==> flow/design.v <==
module ex_add_core_p #(
    parameter integer DW = 14,
    parameter integer N = 7,
    parameter integer RES_W = DW + $clog2(N)
) (
    input  logic aclk,
    input  logic reset,
    input  logic [N*DW-1:0] in_in,
    output logic [RES_W-1:0] out_res
);
    wire [RES_W-1:0] nd [1:2*N-1];
    generate
        for (genvar gi = 0; gi < N; gi++) begin : row
            assign nd[N+gi] = in_in[gi*DW +: DW];
        end
        for (genvar gi = 1; gi < N; gi++) begin : each
            assign nd[gi] = nd[2*gi] + nd[2*gi+1];
        end
    endgenerate
    always_ff @(posedge aclk or posedge reset) begin
        if (reset) begin
            out_res <= '0;
        end else begin
            out_res <= nd[1];
        end
    end
endmodule
# Reports on ex_add_core_p
# What the tools print for ex_add_core_p, step after step.
# Lines are those of the file above, counted from 1.
setup:
  top: "ex_add_core_p"
  clock_port: "aclk"
  lib: "sky130hd"
  pvt_corner: "tt_025C_1v80"

# Word level
# Source: Yosys, flattened and elaborated, memories not mapped. Widths are those after wreduce; folded enables and synchronous resets count as part of the registers. Registers that Yosys merges into a memory's read port (data or address) are not register bits. Print and check cells do not count. Equal cells are merged and count once.
classes:
  n_addsub: 6
  mul: 0
  div: 0
  compare: 0
  n_eq: 0
  shifts: 0
  mux: 0
  bitwise: 0
  reduce_and_logical: 0
op_table:
  columns: ["op", "n"]
  rows:
  - ["14-bit by 14-bit adder with 15-bit output", 3]
  - ["17-bit adder", 2]
  - ["17-bit by 14-bit adder with 17-bit output", 1]
bits:
  register_bits: 17
  latchBits: 0
  ram_bits: 0
  rom_bits: 0
  clocked_rd_ports_x_width: 0
  n_memories: 0
  in_bits: 100
  out_inout_bits: 17
  elab_cells: 7

# Logic depth
# Depth = most cells in a row (Yosys ltp): at word level without a register or memory, in the mapped netlist without a sequential cell, where the memories' decode and read muxes count.
logic_depth:
  ltp_word: 3
  abc_area: 0
  mapped_depth: 19

# Netlist
# The flow's flattened synthesis, as Yosys stat reports it; memories are mapped. The netlist is that of the ABC_AREA named above (0 if unset); the other value can give another one.
# The area totals of this step are shown rounded.
mapped:
  stdcells: 411
  mapped_area_mm2: 0.003617
  sequential_area_mm2: 0.0004254
  ffs: 17
  buf_cells: 1
by_type:
  columns: ["type", "n", "area_total_um2"]
  rows:
  - ["sky130_fd_sc_hd__ha_1", 59, 738.208]
  - ["sky130_fd_sc_hd__fa_1", 32, 640.614]
  - ["sky130_fd_sc_hd__dfrtp_1", 17, 425.408]
  - ["sky130_fd_sc_hd__inv_1", 69, 258.998]
  - ["sky130_fd_sc_hd__xnor2_1", 26, 227.718]
  - ["sky130_fd_sc_hd__a21o_1", 23, 172.666]
  - ["sky130_fd_sc_hd__a21oi_1", 32, 160.154]
  - ["sky130_fd_sc_hd__xor2_1", 16, 140.134]
  - ["sky130_fd_sc_hd__nor2_1", 21, 78.826]
  - ["sky130_fd_sc_hd__nand2_1", 19, 71.318]
  - ["sky130_fd_sc_hd__o21ai_0", 14, 70.067]
  - ["sky130_fd_sc_hd__a211oi_1", 8, 60.058]
  - ["sky130_fd_sc_hd__o21bai_1", 6, 45.043]
  - ["sky130_fd_sc_hd__a31oi_1", 6, 37.536]
  - ["sky130_fd_sc_hd__o21a_1", 5, 37.536]
  - ["sky130_fd_sc_hd__nand3_1", 7, 35.034]
  - ["sky130_fd_sc_hd__o21ai_1", 6, 30.029]
  - ["sky130_fd_sc_hd__o31ai_1", 3, 22.522]
# Not listed: further types 33, cells in them 42.

# Worst setup path after synthesis
# OpenSTA on the mapped netlist: ideal clock, no wires. The path of least setup slack (recovery checks aside). Input and output delay are each 20% of the period. Register names are those of the netlist, which keeps one name where synthesis merged equal registers.
synth_timing:
  path_type: "input -> register"
  from: "in in_in[42]"
  to: "reg out_res[13]"
  clock_period_ns: 5.97
  input_delay_ns: 1.194
  setup_ns: 0.080
  t_first_pin_ns: 1.194
  t_arrival_ns: 4.936
  t_required_ns: 5.890
  setup_slack_ns: 0.954
  path_delay_ns: 3.822
  driving_pins: 17
  period_less_setup_slack_ns: 5.016
# "path_delay_ns" is the arrival time less input delay plus setup time.
# "driving_pins": output pins that drive a net of the path, with the launching flip-flop's if there is one; two outputs of one cell count as two.
# "period_less_setup_slack_ns" is the clock period less the worst setup slack; recovery checks do not enter. This is arithmetic on one report: input and output delays are still those of the set period (20% each).
# The rows between start and end are the longest chain of elaborated cells between them; the timing report does not say that the signal goes this way. Where chains are equally long, one stands for them.
# Each line given opens the expression or statement behind the cell; cells for indexed reads and writes are added by Yosys, which also makes memories of some case tables.
synth_via:
  path_cell_list: "sky130_fd_sc_hd__ha_1 sky130_fd_sc_hd__fa_1 sky130_fd_sc_hd__a211oi_1 sky130_fd_sc_hd__o21bai_1 sky130_fd_sc_hd__a21oi_1 sky130_fd_sc_hd__o21ai_0 sky130_fd_sc_hd__xor2_1 sky130_fd_sc_hd__fa_1 sky130_fd_sc_hd__inv_1 sky130_fd_sc_hd__fa_1 sky130_fd_sc_hd__inv_1 sky130_fd_sc_hd__ha_1 sky130_fd_sc_hd__a21oi_1 sky130_fd_sc_hd__o22ai_1 sky130_fd_sc_hd__a311o_1 sky130_fd_sc_hd__a21oi_2 sky130_fd_sc_hd__xnor2_1"
  elab_chain_len: 3
  cone_cells: 3
  cone_lines: 1
  classes_between: "add/sub: 3"
synth_rtl:
  columns: ["element", "line_no", "rtl"]
  rows:
  - ["start, declared", 8, "input  logic [N*DW-1:0] in_in,"]
  - ["14-bit by 14-bit adder with 15-bit output", 17, "assign nd[gi] = nd[2*gi] + nd[2*gi+1];"]
  - ["17-bit adder (2 in a row)", 17, null]
  - ["end, assigned", 22, "out_res <= '0;"]
  - ["end, assigned", 24, "out_res <= nd[1];"]
  - ["end, declared", 9, "output logic [RES_W-1:0] out_res"]

# Worst path after layout
# From the final timing report of run 1: the path of least setup slack in the routed layout; clock arrival at registers is part of the times.
layout_timing:
  path_type: "input -> register"
  from: "in in_in[42]"
  to: "reg out_res[16]"
  clock_period_ns: 6.11
  input_delay_ns: 1.22
  setup_ns: 0.12
  t_first_pin_ns: 1.22
  t_arrival_ns: 5.73
  t_required_ns: 6.23
  setup_slack_ns: 0.50
  driving_pins: 19
# The rows between start and end are the longest chain of elaborated cells between them; the timing report does not say that the signal goes this way. Where chains are equally long, one stands for them.
layout_via:
  path_cell_list: "sky130_fd_sc_hd__clkdlybuf4s50_1 sky130_fd_sc_hd__ha_1 sky130_fd_sc_hd__fa_1 sky130_fd_sc_hd__a211oi_1 sky130_fd_sc_hd__o21bai_1 sky130_fd_sc_hd__a21oi_1 sky130_fd_sc_hd__o21ai_0 sky130_fd_sc_hd__xor2_1 sky130_fd_sc_hd__fa_1 sky130_fd_sc_hd__inv_1 sky130_fd_sc_hd__fa_1 sky130_fd_sc_hd__inv_1 sky130_fd_sc_hd__ha_1 sky130_fd_sc_hd__a21oi_1 sky130_fd_sc_hd__o22ai_1 sky130_fd_sc_hd__o211ai_1 sky130_fd_sc_hd__nand2_1 sky130_fd_sc_hd__a41oi_1 sky130_fd_sc_hd__o21ai_1"
  elab_chain_len: 3
  cone_cells: 3
  cone_lines: 1
  classes_between: "add/sub: 3"
layout_rtl:
  columns: ["element", "line_no", "rtl"]
  rows:
  - ["start, declared", 8, "input  logic [N*DW-1:0] in_in,"]
  - ["14-bit by 14-bit adder with 15-bit output", 17, "assign nd[gi] = nd[2*gi] + nd[2*gi+1];"]
  - ["17-bit adder (2 in a row)", 17, null]
  - ["end, assigned", 22, "out_res <= '0;"]
  - ["end, assigned", 24, "out_res <= nd[1];"]
  - ["end, declared", 9, "output logic [RES_W-1:0] out_res"]

## Implementation results

Below are 3 stored runs of the flow (Yosys, OpenROAD; platform sky130hd) on ex_add_core_p, each with its settings and what was measured, unordered. Constraints: input delay and output delay 20% of the set period each, output load 0.01 pF.
By "achieved_clock_period_ns" is meant the clock period of the run minus its worst setup slack. This is arithmetic on one report: input and output delays are still those of the set period (20% each).
"worst_path_ns" = time allowed to the worst setup path (clock period - input delay - output delay, where it has them) - its slack; a late launch clock adds to it, a late capture clock takes from it.
By "fin_power_w" is meant OpenSTA's value without simulated activity: inputs other than the clock are taken to toggle once in ten clock periods, and the tool carries that through the logic.
The results are shown rounded.

--- run 1 ---
==> flow/run.sh <==
#!/bin/bash
# the make line also repeats the synthesis and layout settings of config.mk as NAME=value (left out here)
make -C /OpenROAD-flow-scripts/flow DESIGN_CONFIG=/design/flow/config.mk WORK_HOME=/design/flow/orfs CLKGATE_MAP_FILE= finish
==> flow/config.mk <==
export PLATFORM = sky130hd
export DESIGN_NAME = ex_add_core_p
export DESIGN_NICKNAME = ex_add_core_p
export VERILOG_FILES = /design/flow/design.v
export SDC_FILE = /design/flow/constraint.sdc
export NUM_CORES = 4
export LEC_CHECK = 0
export ABC_AREA = 0
export CAP_MARGIN = 5
export CELL_PAD_IN_SITES_GLOBAL_PLACEMENT = 2
export CORE_MARGIN = 2
export CORE_UTILIZATION = 38
export GPL_ROUTABILITY_DRIVEN = 0
export MAX_ROUTING_LAYER = met5
export PLACE_DENSITY_LB_ADDON = 0.15
export SLEW_MARGIN = 35
==> flow/constraint.sdc <==
create_clock -name core_clock -period 6.11 [get_ports {aclk}]
set_input_delay 1.2220 -clock core_clock [delete_from_list [all_inputs] [get_ports {aclk}]]
set_output_delay 1.2220 -clock core_clock [all_outputs]
set_load 0.01 [all_outputs]

==> results, as YAML <==
results:
  fin_power_w: 0.001862
  post_route_util_pct: 53.9
  final_stdcell_area_mm2: 0.004982
  tns_setup_ns: 0.000
  worst_path_ns: 4.38
  worst_setup_path_type: "input -> register"
  achieved_clock_period_ns: 5.606
  synthArea_mm2: 0.003617
  worstSetupSlack_ns: 0.504
  dieArea_mm2: 0.01032

--- run 2 ---
==> flow/run.sh <==
#!/bin/bash
# the make line also repeats the synthesis and layout settings of config.mk as NAME=value (left out here)
make -C /OpenROAD-flow-scripts/flow DESIGN_CONFIG=/design/flow/config.mk WORK_HOME=/design/flow/orfs CLKGATE_MAP_FILE= finish
==> flow/config.mk <==
export PLATFORM = sky130hd
export DESIGN_NAME = ex_add_core_p
export DESIGN_NICKNAME = ex_add_core_p
export VERILOG_FILES = /design/flow/design.v
export SDC_FILE = /design/flow/constraint.sdc
export NUM_CORES = 4
export LEC_CHECK = 0
export CAP_MARGIN = 20
export CORE_MARGIN = 2
export CORE_UTILIZATION = 40
export SLEW_MARGIN = 20
==> flow/constraint.sdc <==
create_clock -name core_clock -period 5.97 [get_ports {aclk}]
set_input_delay 1.1940 -clock core_clock [delete_from_list [all_inputs] [get_ports {aclk}]]
set_output_delay 1.1940 -clock core_clock [all_outputs]
set_load 0.01 [all_outputs]

==> results, as YAML <==
results:
  worstSetupSlack_ns: 0.446
  achieved_clock_period_ns: 5.524
  synthArea_mm2: 0.003617
  tns_setup_ns: 0.000
  dieArea_mm2: 0.00982
  final_stdcell_area_mm2: 0.004962
  post_route_util_pct: 56.6
  fin_power_w: 0.00193
  worst_path_ns: 4.33
  worst_setup_path_type: "input -> register"

--- run 3 ---
==> flow/run.sh <==
#!/bin/bash
# the make line also repeats the synthesis and layout settings of config.mk as NAME=value (left out here)
make -C /OpenROAD-flow-scripts/flow DESIGN_CONFIG=/design/flow/config.mk WORK_HOME=/design/flow/orfs CLKGATE_MAP_FILE= finish
==> flow/config.mk <==
export PLATFORM = sky130hd
export DESIGN_NAME = ex_add_core_p
export DESIGN_NICKNAME = ex_add_core_p
export VERILOG_FILES = /design/flow/design.v
export SDC_FILE = /design/flow/constraint.sdc
export NUM_CORES = 4
export LEC_CHECK = 0
export ABC_AREA = 1
export CAP_MARGIN = 20
export CORE_MARGIN = 6
export CORE_UTILIZATION = 20
export GPL_ROUTABILITY_DRIVEN = 0
export GPL_TIMING_DRIVEN = 0
export PLACE_DENSITY_LB_ADDON = 0.29
export SLEW_MARGIN = 25
==> flow/constraint.sdc <==
create_clock -name core_clock -period 3.56 [get_ports {aclk}]
set_input_delay 0.7120 -clock core_clock [delete_from_list [all_inputs] [get_ports {aclk}]]
set_output_delay 0.7120 -clock core_clock [all_outputs]
set_load 0.01 [all_outputs]

==> results, as YAML <==
results:
  worstSetupSlack_ns: -0.163
  fin_power_w: 0.004981
  worst_path_ns: 3.01
  worst_setup_path_type: "input -> register"
  post_route_util_pct: 34.3
  final_stdcell_area_mm2: 0.007585
  tns_setup_ns: -0.915
  synthArea_mm2: 0.004572
  achieved_clock_period_ns: 3.723
  dieArea_mm2: 0.02663
